==> flow/design.v <==
module dp_barrel_blk (i_clk, RST, d, shamt, dout);
   parameter WIDTH = 8;
   localparam SEL_WIDTH = $clog2(WIDTH);
   input i_clk;
   input RST;
   input [WIDTH-1:0] d;
   input [SEL_WIDTH-1:0] shamt;
   output reg [WIDTH-1:0] dout;
   reg [WIDTH-1:0] d_q;
   reg [SEL_WIDTH-1:0] shamt_q;
   always @(posedge i_clk) begin
      if (RST) begin
         d_q <= 0;
         shamt_q <= 0;
      end else begin
         d_q <= d;
         shamt_q <= shamt;
      end
   end
   wire [2*WIDTH-1:0] nxt = {d_q, d_q} >> shamt_q;
   always @(posedge i_clk) begin
      if (RST) begin
         dout <= 0;
      end else begin
         dout <= nxt[WIDTH-1:0];
      end
   end
endmodule
Subject: tool reports on dp_barrel_blk

Hi,

## Step by step through the tools: dp_barrel_blk

A sweep over "WIDTH": the same steps for each member of the family.
The file above is the member WIDTH = 8. Line numbers count from 1 in each member's own file.
Operators carry their Yosys type and port widths (W data, S select, Z words).
Not given: n/a

| set-up | value |
|---|---|
| top module | dp_barrel_blk |
| clock port | i_clk |
| cell library | sky130hd |
| timing corner | tt_025C_1v80 |

## Members of the sweep

Lines of each other member's file that are new or changed against the file above; lines that a member lacks are not shown.

Lines new or changed:

| WIDTH | RTL line | text |
|---|---|---|
| 24 | 2 | `parameter WIDTH = 24;` |
| 32 | 2 | `parameter WIDTH = 32;` |
| 80 | 2 | `parameter WIDTH = 80;` |
| 96 | 2 | `parameter WIDTH = 96;` |
| 128 | 2 | `parameter WIDTH = 128;` |

## Word-level counts

Yosys after proc, flatten, opt, wreduce and memory -nomap, before mapping. Enables and synchronous resets that opt folds into registers are not counted as muxes. Memory bits, and registers merged into a memory's read port (data or address), are not among the register bits. Print and check cells are not counted. Equal cells are merged and count once.

Word-level totals:

| WIDTH | register bits after elaboration | bits in latches | memory bits (writable) | bits in read-only memories | clocked read ports x word width | memories kept | output and inout port bits | word-level cells |
|---|---|---|---|---|---|---|---|---|
| 8 | 19 | 0 | 0 | 0 | 0 | 0 | 8 | 4 |
| 24 | 53 | 0 | 0 | 0 | 0 | 0 | 24 | 4 |
| 32 | 69 | 0 | 0 | 0 | 0 | 0 | 32 | 4 |
| 80 | 167 | 0 | 0 | 0 | 0 | 0 | 80 | 4 |
| 96 | 199 | 0 | 0 | 0 | 0 | 0 | 96 | 4 |
| 128 | 263 | 0 | 0 | 0 | 0 | 0 | 128 | 4 |

Cells by class:

| WIDTH | $add $sub $neg | $mul | divide/modulo/power cells | $lt $le $gt $ge | eq/ne operators | shift operators | muxes and demuxes | bitwise gates (word level) | reduce/logical cells |
|---|---|---|---|---|---|---|---|---|---|
| 8 | 0 | 0 | 0 | 0 | 0 | 1 | 0 | 0 | 0 |
| 24 | 0 | 0 | 0 | 0 | 0 | 1 | 0 | 0 | 0 |
| 32 | 0 | 0 | 0 | 0 | 0 | 1 | 0 | 0 | 0 |
| 80 | 0 | 0 | 0 | 0 | 0 | 1 | 0 | 0 | 0 |
| 96 | 0 | 0 | 0 | 0 | 0 | 1 | 0 | 0 | 0 |
| 128 | 0 | 0 | 0 | 0 | 0 | 1 | 0 | 0 | 0 |

Operator list:

| WIDTH | kind and count |
|---|---|
| 8 | 1 x $shr A16 B3 Y8 |
| 24 | 1 x $shr A48 B5 Y24 |
| 32 | 1 x $shr A64 B5 Y32 |
| 80 | 1 x $shr A160 B7 Y80 |
| 96 | 1 x $shr A192 B7 Y96 |
| 128 | 1 x $shr A256 B7 Y128 |

## Logic depth

Depth = most cells in a row (Yosys ltp): at word level without a register or memory, in the mapped netlist without a sequential cell, where the memories' decode and read muxes count.

Depth:

| WIDTH | depth after elaboration | ABC_AREA | gate-level depth with buffers | gate-level depth less buffers |
|---|---|---|---|---|
| 8 | 1 | 0 | 4 | 3 |
| 24 | 1 | 0 | 7 | 4 |
| 32 | 1 | 0 | 7 | 5 |
| 80 | 1 | 0 | 10 | 6 |
| 96 | 1 | 0 | 10 | 6 |
| 128 | 1 | 0 | 9 | 6 |

## After synthesis

Yosys stat after the flow's synthesis: flattened, memories mapped to cells. It holds for the ABC_AREA given above (unset counts as 0); a run with the other value may have another netlist.
Totals and module areas in this step are rounded.

Synthesis totals:

| WIDTH | mapped cells | cell area after synthesis (um^2) | mapped flip-flops | buffers |
|---|---|---|---|---|
| 8 | 72 | 770 | 19 | 6 |
| 24 | 305 | 3400 | 53 | 27 |
| 32 | 344 | 3700 | 69 | 36 |
| 80 | 1279 | 13000 | 167 | 115 |
| 96 | 1431 | 14000 | 199 | 126 |
| 128 | 1744 | 16000 | 263 | 182 |

Cells by type:

| WIDTH | type and count |
|---|---|
| 8 | 19 x sky130_fd_sc_hd__dfxtp_1; 8 x sky130_fd_sc_hd__mux2_4; 16 x sky130_fd_sc_hd__o22ai_1; 11 x sky130_fd_sc_hd__nor2b_1; 7 x sky130_fd_sc_hd__nor3_1; 4 x sky130_fd_sc_hd__buf_2; 2 x sky130_fd_sc_hd__nand2b_1; 1 x sky130_fd_sc_hd__buf_6; 1 x sky130_fd_sc_hd__nor3_2; 1 x sky130_fd_sc_hd__or2_2; 1 x sky130_fd_sc_hd__clkbuf_1; 1 x sky130_fd_sc_hd__nand2_1 |
| 24 | 53 x sky130_fd_sc_hd__dfxtp_1; 35 x sky130_fd_sc_hd__mux4_2; 37 x sky130_fd_sc_hd__nor2b_1; 17 x sky130_fd_sc_hd__mux2i_1; 10 x sky130_fd_sc_hd__mux2_2; 4 x sky130_fd_sc_hd__mux4_1; 8 x sky130_fd_sc_hd__o221ai_1; 16 x sky130_fd_sc_hd__nand2_1; 7 x sky130_fd_sc_hd__a22oi_1; 4 x sky130_fd_sc_hd__mux2_1; 8 x sky130_fd_sc_hd__a21oi_1; 8 x sky130_fd_sc_hd__o21ai_0; 5 x sky130_fd_sc_hd__buf_4; 10 x sky130_fd_sc_hd__clkbuf_1; 10 x sky130_fd_sc_hd__nor2_1; 7 x sky130_fd_sc_hd__buf_2; 3 x sky130_fd_sc_hd__buf_6; 9 x sky130_fd_sc_hd__inv_1; (+54) |
| 32 | 69 x sky130_fd_sc_hd__dfxtp_1; 49 x sky130_fd_sc_hd__mux2i_1; 14 x sky130_fd_sc_hd__mux4_2; 31 x sky130_fd_sc_hd__a221oi_1; 43 x sky130_fd_sc_hd__nor2b_1; 31 x sky130_fd_sc_hd__o21a_1; 13 x sky130_fd_sc_hd__mux2_2; 13 x sky130_fd_sc_hd__o22a_1; 12 x sky130_fd_sc_hd__o221ai_1; 24 x sky130_fd_sc_hd__clkbuf_1; 4 x sky130_fd_sc_hd__mux2_1; 3 x sky130_fd_sc_hd__buf_6; 3 x sky130_fd_sc_hd__o2bb2ai_1; 5 x sky130_fd_sc_hd__a21oi_1; 5 x sky130_fd_sc_hd__buf_2; 2 x sky130_fd_sc_hd__a211o_1; 2 x sky130_fd_sc_hd__a22oi_1; 4 x sky130_fd_sc_hd__nor2_1; (+17) |
| 80 | 167 x sky130_fd_sc_hd__dfxtp_1; 100 x sky130_fd_sc_hd__mux4_2; 169 x sky130_fd_sc_hd__mux2i_1; 106 x sky130_fd_sc_hd__mux2_2; 88 x sky130_fd_sc_hd__nor2b_1; 122 x sky130_fd_sc_hd__nor2_1; 80 x sky130_fd_sc_hd__nand2_1; 64 x sky130_fd_sc_hd__clkbuf_1; 30 x sky130_fd_sc_hd__a22oi_1; 44 x sky130_fd_sc_hd__o21ai_0; 33 x sky130_fd_sc_hd__o22ai_1; 39 x sky130_fd_sc_hd__a21oi_1; 19 x sky130_fd_sc_hd__o221ai_1; 28 x sky130_fd_sc_hd__nor3_1; 27 x sky130_fd_sc_hd__buf_1; 12 x sky130_fd_sc_hd__a211oi_1; 12 x sky130_fd_sc_hd__o211ai_1; 10 x sky130_fd_sc_hd__o32ai_1; (+129) |
| 96 | 199 x sky130_fd_sc_hd__dfxtp_1; 113 x sky130_fd_sc_hd__mux4_2; 141 x sky130_fd_sc_hd__mux2i_1; 124 x sky130_fd_sc_hd__mux2_2; 119 x sky130_fd_sc_hd__o22ai_1; 106 x sky130_fd_sc_hd__nor2b_1; 119 x sky130_fd_sc_hd__nor2_1; 76 x sky130_fd_sc_hd__clkbuf_1; 76 x sky130_fd_sc_hd__nand2_1; 29 x sky130_fd_sc_hd__o221ai_1; 44 x sky130_fd_sc_hd__a21oi_1; 44 x sky130_fd_sc_hd__o21ai_0; 30 x sky130_fd_sc_hd__o21ai_1; 22 x sky130_fd_sc_hd__buf_2; 14 x sky130_fd_sc_hd__a22oi_1; 12 x sky130_fd_sc_hd__a211oi_1; 12 x sky130_fd_sc_hd__a21o_1; 18 x sky130_fd_sc_hd__nor3_1; (+133) |
| 128 | 263 x sky130_fd_sc_hd__dfxtp_1; 128 x sky130_fd_sc_hd__mux4_2; 372 x sky130_fd_sc_hd__a22oi_1; 125 x sky130_fd_sc_hd__mux2i_1; 257 x sky130_fd_sc_hd__nand2_1; 139 x sky130_fd_sc_hd__nor2b_1; 128 x sky130_fd_sc_hd__and3_1; 128 x sky130_fd_sc_hd__a21oi_1; 119 x sky130_fd_sc_hd__clkbuf_1; 24 x sky130_fd_sc_hd__buf_2; 14 x sky130_fd_sc_hd__buf_4; 24 x sky130_fd_sc_hd__buf_1; 12 x sky130_fd_sc_hd__o211ai_1; 3 x sky130_fd_sc_hd__mux2_2; 2 x sky130_fd_sc_hd__and2_1; 2 x sky130_fd_sc_hd__nand2b_1; 1 x sky130_fd_sc_hd__buf_6; 2 x sky130_fd_sc_hd__nor2_1; 1 x sky130_fd_sc_hd__or2_2 |

The mark (+n) counts cells that are not listed.

## Worst setup path after synthesis

Path of least setup slack by OpenSTA after synthesis, without wires, with an ideal clock, recovery checks aside; 20% of the period is set as input and as output delay. Where synthesis merged equal registers, the netlist keeps one of their names.

Timing after synthesis:

| WIDTH | path type | start point | end point | period (ns) | path slack (ns) | stages on the path | path delay (ns) | period reached after synthesis (ns) |
|---|---|---|---|---|---|---|---|---|
| 8 | register to register | register shamt_q[2] | register dout[4] | 1.38 | 0.275 | 5 | 1.105 | 1.105 |
| 24 | register to register | register shamt_q[0] | register dout[7] | 2.31 | 0.459 | 5 | 1.851 | 1.851 |
| 32 | register to register | register shamt_q[0] | register dout[7] | 2.25 | 0.451 | 6 | 1.799 | 1.799 |
| 80 | register to register | register shamt_q[3] | register dout[60] | 3.24 | 0.649 | 8 | 2.592 | 2.591 |
| 96 | register to register | register shamt_q[1] | register dout[72] | 3.08 | 0.617 | 8 | 2.463 | 2.463 |
| 128 | register to register | register shamt_q[2] | register dout[17] | 2.6 | 0.522 | 6 | 2.078 | 2.078 |

"path delay" is the arrival time less input delay plus setup time.
"stages on the path" counts driving pins, that of a launching flip-flop among them; a cell with two outputs on the path counts twice.
"period reached after synthesis" is the clock period less the worst setup slack; recovery checks do not enter. This is arithmetic on one report: input and output delays are still those of the set period (20% each).
Between the ends stands the longest chain of elaborated cells between them, by number of cells; it is not shown to be the way that was timed. Of several equally long chains one is given.
A line is the first line of the expression or statement that the cell stems from. Yosys adds cells for indexed reads and writes and turns some case tables into memories.

| between the ends, after synthesis, WIDTH = 8 | value |
|---|---|
| cells in the longest elaborated chain | 1 |

RTL lines, path after synthesis, WIDTH = 8:

| element | RTL line | text |
|---|---|---|
| start: declaration | 10 | `reg [SEL_WIDTH-1:0] shamt_q;` |
| start: assignment | 14 | `shamt_q <= 0;` |
| start: assignment | 17 | `shamt_q <= shamt;` |
| $shr A16 B3 Y8 | 20 | `wire [2*WIDTH-1:0] nxt = {d_q, d_q} >> shamt_q;` |
| end: assignment | 23 | `dout <= 0;` |
| end: assignment | 25 | `dout <= nxt[WIDTH-1:0];` |
| end: declaration | 8 | `output reg [WIDTH-1:0] dout;` |

| between the ends, after synthesis, WIDTH = 128 | value |
|---|---|
| cells in the longest elaborated chain | 1 |

RTL lines, path after synthesis, WIDTH = 128:

| element | RTL line | text |
|---|---|---|
| start: declaration | 10 | `reg [SEL_WIDTH-1:0] shamt_q;` |
| start: assignment | 14 | `shamt_q <= 0;` |
| start: assignment | 17 | `shamt_q <= shamt;` |
| $shr A256 B7 Y128 | 20 | `wire [2*WIDTH-1:0] nxt = {d_q, d_q} >> shamt_q;` |
| end: assignment | 23 | `dout <= 0;` |
| end: assignment | 25 | `dout <= nxt[WIDTH-1:0];` |
| end: declaration | 8 | `output reg [WIDTH-1:0] dout;` |

## Worst path after layout

From the final timing report of each member's run: the path of least setup slack in the routed layout; clock arrival at registers is part of the times.

Timing post-layout:

| WIDTH | path type | start point | end point | period (ns) | path slack (ns) | stages on the path | arrival (ns) | path buffers |
|---|---|---|---|---|---|---|---|---|
| 8 | register to register | register shamt_q[2] | register dout[4] | 1.38 | 0.20 | 5 | 1.37 | 1 |
| 24 | register to register | register shamt_q[0] | register dout[17] | 2.31 | 0.21 | 6 | 2.29 | 1 |
| 32 | register to register | register shamt_q[1] | register dout[13] | 2.25 | 0.19 | 7 | 2.31 | 1 |
| 80 | register to register | register shamt_q[1] | register dout[8] | 3.24 | 0.32 | 8 | 3.25 | 1 |
| 96 | register to register | register shamt_q[1] | register dout[48] | 3.08 | 0.07 | 8 | 3.36 | 1 |
| 128 | register to register | register shamt_q[1] | register dout[4] | 2.6 | -0.01 | 9 | 3.10 | 2 |

## Measured runs

Settings and results of one run of the flow (Yosys, OpenROAD) for each member follow. The constraints put input and output delay at 20% of the set period each and load the outputs with 0.01 pF.

| flow settings | value |
|---|---|
| CAP_MARGIN | 20 |
| CORE_MARGIN | 2 |
| CORE_UTILIZATION | 40 |
| SLEW_MARGIN | 20 |

Settings that differ:

| WIDTH | period_ns |
|---|---|
| 8 | 1.38 |
| 24 | 2.31 |
| 32 | 2.25 |
| 80 | 3.24 |
| 96 | 3.08 |
| 128 | 2.6 |

Measured results:

| WIDTH | cell area after synthesis (um^2) | overall die area (um^2) | standard-cell area after routing (um^2) | utilization in the final report (%) | setup slack of the critical path (ns) | post-route setup TNS (ns) | worst hold slack in the final report (ns) | total power of the final layout (µW) | period achieved (ns) |
|---|---|---|---|---|---|---|---|---|---|
| 8 | 770 | 2300 | 1000 | 57 | 0.20 | 0.000 | 0.53 | 1100 | 1.183 |
| 24 | 3400 | 9200 | 4100 | 50 | 0.21 | 0.000 | 0.69 | 2100 | 2.095 |
| 32 | 3700 | 10000 | 4700 | 51 | 0.19 | 0.000 | 0.60 | 3100 | 2.062 |
| 80 | 13000 | 33000 | 15000 | 50 | 0.32 | 0.000 | 0.67 | 6700 | 2.924 |
| 96 | 14000 | 37000 | 18000 | 52 | 0.067 | 0.000 | 0.58 | 8300 | 3.013 |
| 128 | 16000 | 43000 | 21000 | 53 | -0.007 | -0.007 | 0.23 | 13000 | 2.607 |

"period achieved" = clock period - worst setup slack. The figure is calculated, with input and output delays left at 20% of the set period.
"total power of the final layout" is the tool's figure for a default switching activity; nothing was simulated.
The measured numbers are rounded.

Regards
